==> flow/design.v <==
module gen_shift_unit_rtl #(
   parameter int W = 96,
   parameter int SBITS = $clog2(W)
) (
   input  logic ck,
   input  logic rst,
   input  logic [W-1:0] in,
   input  logic [SBITS-1:0] count,
   output logic [W-1:0] z_o
);
   logic [W-1:0] in_s;
   logic [SBITS-1:0] count_s;
   always_ff @(posedge ck or posedge rst) begin
      if (rst) begin
         in_s <= 0;
         count_s <= 0;
      end else begin
         in_s <= in;
         count_s <= count;
      end
   end
   assign z_o = in_s >> count_s;
endmodule
======== Tool chain data of gen_shift_unit_rtl ========
Tool output for the design above, in the order of the flow.
Line numbers count from 1 in the design file above.
Library cell names are shortened.
The mark - stands for no value.
set-up
  top ..................................... gen_shift_unit_rtl
  clock ................................... ck
  cell library ............................ sky130hd
  library corner .......................... tt_025C_1v80

======== After elaboration ========
Source: Yosys, flattened and elaborated, memories not mapped. Widths are those after wreduce; folded enables and synchronous resets count as part of the registers. Registers that Yosys merges into a memory's read port (data or address) are not register bits. Print and check cells do not count. Equal cells are merged and count once.
cells by class
  shift-type cells ........................ 1
operator list
  cell                                            number
  96-bit by 7-bit right shift with 96-bit output  1
word-level totals
  register bits after elaboration ......... 103
  input bits .............................. 105
  output and inout port bits .............. 96
  word-level cells ........................ 3

======== Longest topological paths ========
Longest topological path by Yosys (ltp), each cell counted once; first at word level (registers and memories cut), then after technology mapping (sequential cells cut; the memories' decode and read muxes count).
depth
  depth in word-level cells ............... 1
  ABC_AREA ................................ 0
  gate-level depth with buffers ........... 10
  mapped depth without buffers ............ 5

======== Synthesis result ========
Source: synth_stat.txt of the flow (Yosys; design flattened, memories mapped). It holds for the ABC_AREA given above (unset counts as 0); a run with the other value may have another netlist.
synthesis totals
  mapped cells ............................ 969
  cell area after synthesis ............... 10493.8 um^2
  sequential part of the area ............. 2577.5 um^2
  flip-flops .............................. 103
  buffers ................................. 99
cells by type
  cell       number
  dfrtp_1    103
  mux4_2     96
  mux2i_1    108
  mux2_2     63
  mux4_1     22
  nor2_1     65
  nand2_1    61
  o22ai_1    28
  o211ai_1   23
  a22oi_1    22
  o21ai_0    32
  clkbuf_1   42
  a21oi_1    30
  buf_2      27
  nand3_1    24
  a2bb2oi_1  13
  buf_6      9
  a211oi_1   13
Other cell types: 47; their cells: 188.

======== Path before layout ========
OpenSTA on the mapped netlist: ideal clock, no wires. The path of least setup slack (recovery checks aside). Input and output delay are each 20% of the period. Register names are those of the netlist, which keeps one name where synthesis merged equal registers.
path post-synthesis
  kind .................................... reg-to-output
  from .................................... register count_s[0]
  to ...................................... output port z_o[12]
  clock period ............................ 3.64 ns
  output delay ............................ 0.728 ns
  time at the first pin ................... 0.000 ns
  arrival ................................. 2.328 ns
  required time ........................... 2.912 ns
  setup slack ............................. 0.584 ns
  path delay .............................. 2.328 ns
  stages on the path ...................... 11
  synthesis period reached ................ 3.056 ns
"path delay" is the arrival time less input delay plus setup time.
A path that ends at an output port has no setup time.
"stages on the path": output pins that drive a net of the path, with the launching flip-flop's if there is one; two outputs of one cell count as two.
"synthesis period reached" = period - worst setup slack (recovery checks aside). The figure is calculated, with input and output delays left at 20% of the set period.
The rows between start and end are the longest chain of elaborated cells between them; the timing report does not say that the signal goes this way. Where chains are equally long, one stands for them.
A line is the first line of the expression or statement that the cell stems from. Yosys adds cells for indexed reads and writes and turns some case tables into memories.
between the ends, post-synthesis
  cells stage by stage .................... dfrtp_1 > buf_6 > buf_6 > buf_6 > buf_6 > buf_2 > mux2_2 > a222oi_1 > o22ai_1 > nor3_1 > o211ai_1
  cells in the longest elaborated chain ... 1
  elaborated cells on any way between the ends .. 1
  source lines of those cells ............. 1
  classes of those cells .................. shift: 1
ends and longest elaborated chain, post-synthesis
  element                                         RTL line  RTL
  from (decl)                                     12        logic [SBITS-1:0] count_s;
  from (assign)                                   16        count_s <= 0;
  from (assign)                                   19        count_s <= count;
  96-bit by 7-bit right shift with 96-bit output  22        assign z_o = in_s >> count_s;
  to (decl)                                       9         output logic [W-1:0] z_o

======== Timing after layout ========
From the final timing report of flow run 1: the path of least setup slack in the routed layout; clock arrival at registers is part of the times.
path post-layout
  kind .................................... reg-to-output
  from .................................... register count_s[0]
  to ...................................... output port z_o[18]
  clock period ............................ 3.64 ns
  output delay ............................ 0.73 ns
  time at the first pin ................... 0.37 ns
  arrival ................................. 3.12 ns
  required time ........................... 2.91 ns
  setup slack ............................. -0.21 ns
  stages on the path ...................... 10
The rows between start and end are the longest chain of elaborated cells between them; the timing report does not say that the signal goes this way. Where chains are equally long, one stands for them.
between the ends, post-layout
  cells stage by stage .................... dfrtp_4 > buf_12 > buf_12 > mux4_2 > mux4_2 > mux2i_4 > buf_6 > a2111oi_1 > a211o_1 > buf_2
  cells in the longest elaborated chain ... 1
  elaborated cells on any way between the ends .. 1
  source lines of those cells ............. 1
  classes of those cells .................. shift: 1
ends and longest elaborated chain, post-layout
  element                                         RTL line  RTL
  from (decl)                                     12        logic [SBITS-1:0] count_s;
  from (assign)                                   16        count_s <= 0;
  from (assign)                                   19        count_s <= count;
  96-bit by 7-bit right shift with 96-bit output  22        assign z_o = in_s >> count_s;
  to (decl)                                       9         output logic [W-1:0] z_o

Subject: flow runs of gen_shift_unit_rtl

Hi,

Measured data: module gen_shift_unit_rtl, platform sky130hd, 3 stored runs of the flow under differing settings, order arbitrary. Input and output delays are each 20% of the period that was set; the output load is 0.01 pF.
"achieved clock period (ns)" = clock period - worst setup slack. The figure is calculated, with input and output delays left at 20% of the set period.

Flow files of flow run 1
==> flow/run.sh <==
#!/bin/bash
# the make line also repeats the synthesis and layout settings of config.mk as NAME=value (left out here)
make -C /OpenROAD-flow-scripts/flow DESIGN_CONFIG=/design/flow/config.mk WORK_HOME=/design/flow/orfs CLKGATE_MAP_FILE= finish
==> flow/config.mk <==
export PLATFORM = sky130hd
export DESIGN_NAME = gen_shift_unit_rtl
export DESIGN_NICKNAME = gen_shift_unit_rtl
export VERILOG_FILES = /design/flow/design.v
export SDC_FILE = /design/flow/constraint.sdc
export NUM_CORES = 4
export LEC_CHECK = 0
export CAP_MARGIN = 20
export CORE_MARGIN = 2
export CORE_UTILIZATION = 40
export SLEW_MARGIN = 20
==> flow/constraint.sdc <==
create_clock -name core_clock -period 3.64 [get_ports {ck}]
set_input_delay 0.7280 -clock core_clock [delete_from_list [all_inputs] [get_ports {ck}]]
set_output_delay 0.7280 -clock core_clock [all_outputs]
set_load 0.01 [all_outputs]

report of flow run 1
yosys chip area after synthesis (um^2): 10493.8
finish__design__die__area: 27546.0
finish__design__instance__area__stdcell: 17031.3
finish__timing__setup__ws: -0.210
finish__timing__hold__ws: 0.788
achieved clock period (ns): 3.850

Flow files of flow run 2
==> flow/run.sh <==
#!/bin/bash
# the make line also repeats the synthesis and layout settings of config.mk as NAME=value (left out here)
make -C /OpenROAD-flow-scripts/flow DESIGN_CONFIG=/design/flow/config.mk WORK_HOME=/design/flow/orfs CLKGATE_MAP_FILE= finish
==> flow/config.mk <==
export PLATFORM = sky130hd
export DESIGN_NAME = gen_shift_unit_rtl
export DESIGN_NICKNAME = gen_shift_unit_rtl
export VERILOG_FILES = /design/flow/design.v
export SDC_FILE = /design/flow/constraint.sdc
export NUM_CORES = 4
export LEC_CHECK = 0
export CAP_MARGIN = 10
export CELL_PAD_IN_SITES_DETAIL_PLACEMENT = 2
export CELL_PAD_IN_SITES_GLOBAL_PLACEMENT = 2
export CORE_MARGIN = 5
export CORE_UTILIZATION = 32
export CTS_CLUSTER_DIAMETER = 38
export GPL_ROUTABILITY_DRIVEN = 0
export PLACE_DENSITY_LB_ADDON = 0.02
export SETUP_SLACK_MARGIN = 0.06
export SLEW_MARGIN = 20
export TNS_END_PERCENT = 20
==> flow/constraint.sdc <==
create_clock -name core_clock -period 1.77 [get_ports {ck}]
set_input_delay 0.3540 -clock core_clock [delete_from_list [all_inputs] [get_ports {ck}]]
set_output_delay 0.3540 -clock core_clock [all_outputs]
set_load 0.01 [all_outputs]

report of flow run 2
yosys chip area after synthesis (um^2): 10493.8
finish__design__die__area: 36515.4
finish__design__instance__area__stdcell: 18106.1
finish__timing__setup__ws: -2.042
finish__timing__hold__ws: 0.287
achieved clock period (ns): 3.812

Flow files of flow run 3
==> flow/run.sh <==
#!/bin/bash
# the make line also repeats the synthesis and layout settings of config.mk as NAME=value (left out here)
make -C /OpenROAD-flow-scripts/flow DESIGN_CONFIG=/design/flow/config.mk WORK_HOME=/design/flow/orfs CLKGATE_MAP_FILE= finish
==> flow/config.mk <==
export PLATFORM = sky130hd
export DESIGN_NAME = gen_shift_unit_rtl
export DESIGN_NICKNAME = gen_shift_unit_rtl
export VERILOG_FILES = /design/flow/design.v
export SDC_FILE = /design/flow/constraint.sdc
export NUM_CORES = 4
export LEC_CHECK = 0
export CAP_MARGIN = 20
export CELL_PAD_IN_SITES_GLOBAL_PLACEMENT = 3
export CORE_MARGIN = 5
export CORE_UTILIZATION = 48
export CTS_CLUSTER_SIZE = 25
export GPL_ROUTABILITY_DRIVEN = 1
export GPL_TIMING_DRIVEN = 0
export MAX_ROUTING_LAYER = met4
export MIN_ROUTING_LAYER = met1
export PLACE_DENSITY = 0.37
export SETUP_SLACK_MARGIN = 1.14
export SLEW_MARGIN = 20
==> flow/constraint.sdc <==
create_clock -name core_clock -period 3.94 [get_ports {ck}]
set_input_delay 0.7880 -clock core_clock [delete_from_list [all_inputs] [get_ports {ck}]]
set_output_delay 0.7880 -clock core_clock [all_outputs]
set_load 0.01 [all_outputs]

report of flow run 3: did not finish, place, GPL-0301

Regards
